==> flow/design.v <==
module cpu_mplex_mod #(
  parameter integer DWIDTH = 2,
  parameter integer COUNT = 32,
  parameter integer LOGN = $clog2(COUNT)
) (
  input logic sys_clk,
  input logic ce,
  input logic [COUNT*DWIDTH-1:0] din,
  input logic [LOGN-1:0] idx,
  output logic [DWIDTH-1:0] result
);
  always_ff @(posedge sys_clk) begin
    if (ce) begin
      result <= din[idx*DWIDTH +: DWIDTH];
    end
  end
endmodule
Tool chain data of cpu_mplex_mod
Tool output for the design above, in the order of the flow.
Lines are those of the file above, counted from 1.
{"block": "setup", "top": "cpu_mplex_mod", "clock": "sys_clk", "library": "sky130hd", "corner": "tt_025C_1v80"}

Word level
Source: Yosys, flattened and elaborated, memories not mapped. Widths are those after wreduce; folded enables and synchronous resets count as part of the registers. Registers that Yosys merges into a memory's read port (data or address) are not register bits. Print and check cells do not count. Equal cells are merged and count once.
{"block": "classes", "addsub": 0, "n_mul": 0, "n_div": 0, "n_cmp": 0, "equal": 0, "n_shift": 1, "n_mux": 0, "n_logic": 0, "reduce_and_logical": 0}
{"block": "op_table", "op": "64-bit by 7-bit indexed select with 2-bit output", "n": 1}
{"block": "word_totals", "regBits": 2, "latch_bits": 0, "mem_bits_rw": 0, "rom_bits": 0, "clocked_rd_ports_x_width": 0, "n_memories": 0, "inputBits": 71, "output_inout_bits": 2, "wordCells": 2}

Longest topological paths
Longest topological path by Yosys (ltp), each cell counted once; first at word level (registers and memories cut), then after technology mapping (sequential cells cut; the memories' decode and read muxes count).
{"block": "logic_depth", "depth_word": 1, "abc_area": 0, "mapped_depth": 7, "ltp_nobuf": 5}

Mapped cells and area
The flow's flattened synthesis, as Yosys stat reports it; memories are mapped. The netlist is that of the ABC_AREA named above (0 if unset); the other value can give another one.
{"block": "by_type", "cell_type": "sky130_fd_sc_hd__mux2i_1", "n": 32}
{"block": "by_type", "cell_type": "sky130_fd_sc_hd__a22oi_1", "n": 14}
{"block": "by_type", "cell_type": "sky130_fd_sc_hd__edfxtp_1", "n": 2}
{"block": "by_type", "cell_type": "sky130_fd_sc_hd__buf_6", "n": 3}
{"block": "by_type", "cell_type": "sky130_fd_sc_hd__and4b_1", "n": 2}
{"block": "by_type", "cell_type": "sky130_fd_sc_hd__buf_12", "n": 1}
{"block": "by_type", "cell_type": "sky130_fd_sc_hd__nand2_1", "n": 5}
{"block": "by_type", "cell_type": "sky130_fd_sc_hd__nand4b_1", "n": 2}
{"block": "by_type", "cell_type": "sky130_fd_sc_hd__o311ai_1", "n": 2}
{"block": "by_type", "cell_type": "sky130_fd_sc_hd__a31oi_1", "n": 2}
{"block": "by_type", "cell_type": "sky130_fd_sc_hd__nor2b_1", "n": 2}
{"block": "by_type", "cell_type": "sky130_fd_sc_hd__a21oi_1", "n": 2}
{"block": "by_type", "cell_type": "sky130_fd_sc_hd__clkbuf_1", "n": 2}
{"block": "by_type", "cell_type": "sky130_fd_sc_hd__and2_1", "n": 1}
{"block": "by_type", "cell_type": "sky130_fd_sc_hd__clkbuf_2", "n": 1}
{"block": "by_type", "cell_type": "sky130_fd_sc_hd__nor2_1", "n": 1}
{"block": "synth_totals", "cell_count": 74, "mapped_area_mm2": 0.0006706, "ffs": 2, "n_buf": 7}

Timing after synthesis
Path of least setup slack by OpenSTA after synthesis, without wires, with an ideal clock, recovery checks aside; 20% of the period is set as input and as output delay. Where synthesis merged equal registers, the netlist keeps one of their names.
{"block": "synth_timing", "kind": "input -> register", "start": "input idx[0]", "end": "register result[0]", "period_ps": 1820, "input_delay_ps": 364, "setup_ps": 269, "launch_ps": 364, "arrival_ps": 1260, "required_time_ps": 1551, "setup_slack_ps": 291, "path_delay_ps": 1165, "driving_pins": 7, "synth_period_reached_ps": 1529}
"path_delay_ps" = arrival - input delay + setup time.
"driving_pins": output pins that drive a net of the path, with the launching flip-flop's if there is one; two outputs of one cell count as two.
"synth_period_reached_ps" is the clock period less the worst setup slack; recovery checks do not enter. This is arithmetic on one report: input and output delays are still those of the set period (20% each).
The rows between start and end are the longest chain of elaborated cells between them; the timing report does not say that the signal goes this way. Where chains are equally long, one stands for them.
A line is the first line of the expression or statement that the cell stems from. Yosys adds cells for indexed reads and writes and turns some case tables into memories.
{"block": "synth_via", "path_cell_list": "sky130_fd_sc_hd__buf_6 -> sky130_fd_sc_hd__buf_12 -> sky130_fd_sc_hd__buf_6 -> sky130_fd_sc_hd__mux2i_1 -> sky130_fd_sc_hd__a22oi_1 -> sky130_fd_sc_hd__a31oi_1 -> sky130_fd_sc_hd__o311ai_1", "elab_chain_cells": 1, "cone_cells": 1, "lines_between": 1}
{"block": "synth_rtl", "element": "start: declaration", "line": 9, "text": "input logic [LOGN-1:0] idx,"}
{"block": "synth_rtl", "element": "64-bit by 7-bit indexed select with 2-bit output", "line": 14, "text": "result <= din[idx*DWIDTH +: DWIDTH];"}
{"block": "synth_rtl", "element": "end: assignment", "line": 14}
{"block": "synth_rtl", "element": "end: declaration", "line": 10, "text": "output logic [DWIDTH-1:0] result"}

Path in the finished layout
From the final timing report of entry A: the path of least setup slack in the routed layout; clock arrival at registers is part of the times.
The path's times are printed in steps of 10 ps; the period is the one set.
{"block": "layout_timing", "kind": "input -> register", "start": "input din[51]", "end": "register result[1]", "period_ps": 1210, "input_delay_ps": 240, "setup_ps": 270, "launch_ps": 240, "arrival_ps": 1200, "required_time_ps": 1170, "setup_slack_ps": -30, "driving_pins": 5}
The rows between start and end are the longest chain of elaborated cells between them; the timing report does not say that the signal goes this way. Where chains are equally long, one stands for them.
{"block": "layout_via", "path_cell_list": "sky130_fd_sc_hd__clkdlybuf4s50_1 -> sky130_fd_sc_hd__mux2i_1 -> sky130_fd_sc_hd__nand2_1 -> sky130_fd_sc_hd__a31oi_1 -> sky130_fd_sc_hd__o311ai_2", "elab_chain_cells": 1, "cone_cells": 1, "lines_between": 1}
{"block": "layout_rtl", "element": "start: declaration", "line": 8, "text": "input logic [COUNT*DWIDTH-1:0] din,"}
{"block": "layout_rtl", "element": "64-bit by 7-bit indexed select with 2-bit output", "line": 14, "text": "result <= din[idx*DWIDTH +: DWIDTH];"}
{"block": "layout_rtl", "element": "end: assignment", "line": 14}
{"block": "layout_rtl", "element": "end: declaration", "line": 10, "text": "output logic [DWIDTH-1:0] result"}

## Implementation results

cpu_mplex_mod through Yosys and OpenROAD on sky130hd: 3 stored runs, unordered, with their settings and measured results. The constraints put input and output delay at 20% of the set period each and load the outputs with 0.01 pF.
"achievedPeriod_ps" means the clock period less the worst setup slack. The figure is calculated, with input and output delays left at 20% of the set period.
"worst_path_time_ps" is the time allowed to the run's worst setup path (the clock period less input and output delay, where it has them) less its slack. Clock arrival times count: a late capture clock shortens it, a late launch clock lengthens it.
By "totalPower_mw" is meant OpenSTA's value without simulated activity: inputs other than the clock are taken to toggle once in ten clock periods, and the tool carries that through the logic.
"worst_path_time_ps" is known to 10 ps.

{"run": "entry A", "settings": { "period_ns": 1.21, "CORE_UTILIZATION": 19, "GPL_TIMING_DRIVEN": 1, "MIN_ROUTING_LAYER": "met1", "CAP_MARGIN": 20, "CORE_MARGIN": 2, "SLEW_MARGIN": 20 }, "results": { "finalCellArea_mm2": 0.0016528, "totalPower_mw": 0.7304, "holdWs_ps": 564, "die_footprint_mm2": 0.0040208, "setupTns_ps": -30, "finish.utilization_frac": 0.491, "worst_path_time_ps": 1000, "worst_path_kind": "input -> register", "worstSetupSlack_ps": -30, "achievedPeriod_ps": 1240, "ys_area_mm2": 0.0006706 }}
{"run": "entry B", "settings": { "period_ns": 2.74, "CORE_UTILIZATION": 46, "SETUP_SLACK_MARGIN": 0.46, "PLACE_DENSITY_LB_ADDON": 0.15, "TNS_END_PERCENT": 70, "ABC_AREA": 0, "GPL_ROUTABILITY_DRIVEN": 1, "CTS_CLUSTER_DIAMETER": 117, "MIN_ROUTING_LAYER": "met1", "CAP_MARGIN": 20, "CORE_MARGIN": 2, "SLEW_MARGIN": 20 }, "outcome": "no results, placement failed with FLW-0024"}
{"run": "entry C", "settings": { "period_ns": 1.82, "CAP_MARGIN": 20, "CORE_MARGIN": 2, "CORE_UTILIZATION": 40, "SLEW_MARGIN": 20 }, "outcome": "no results, clock tree synthesis failed with DPL-0033"}
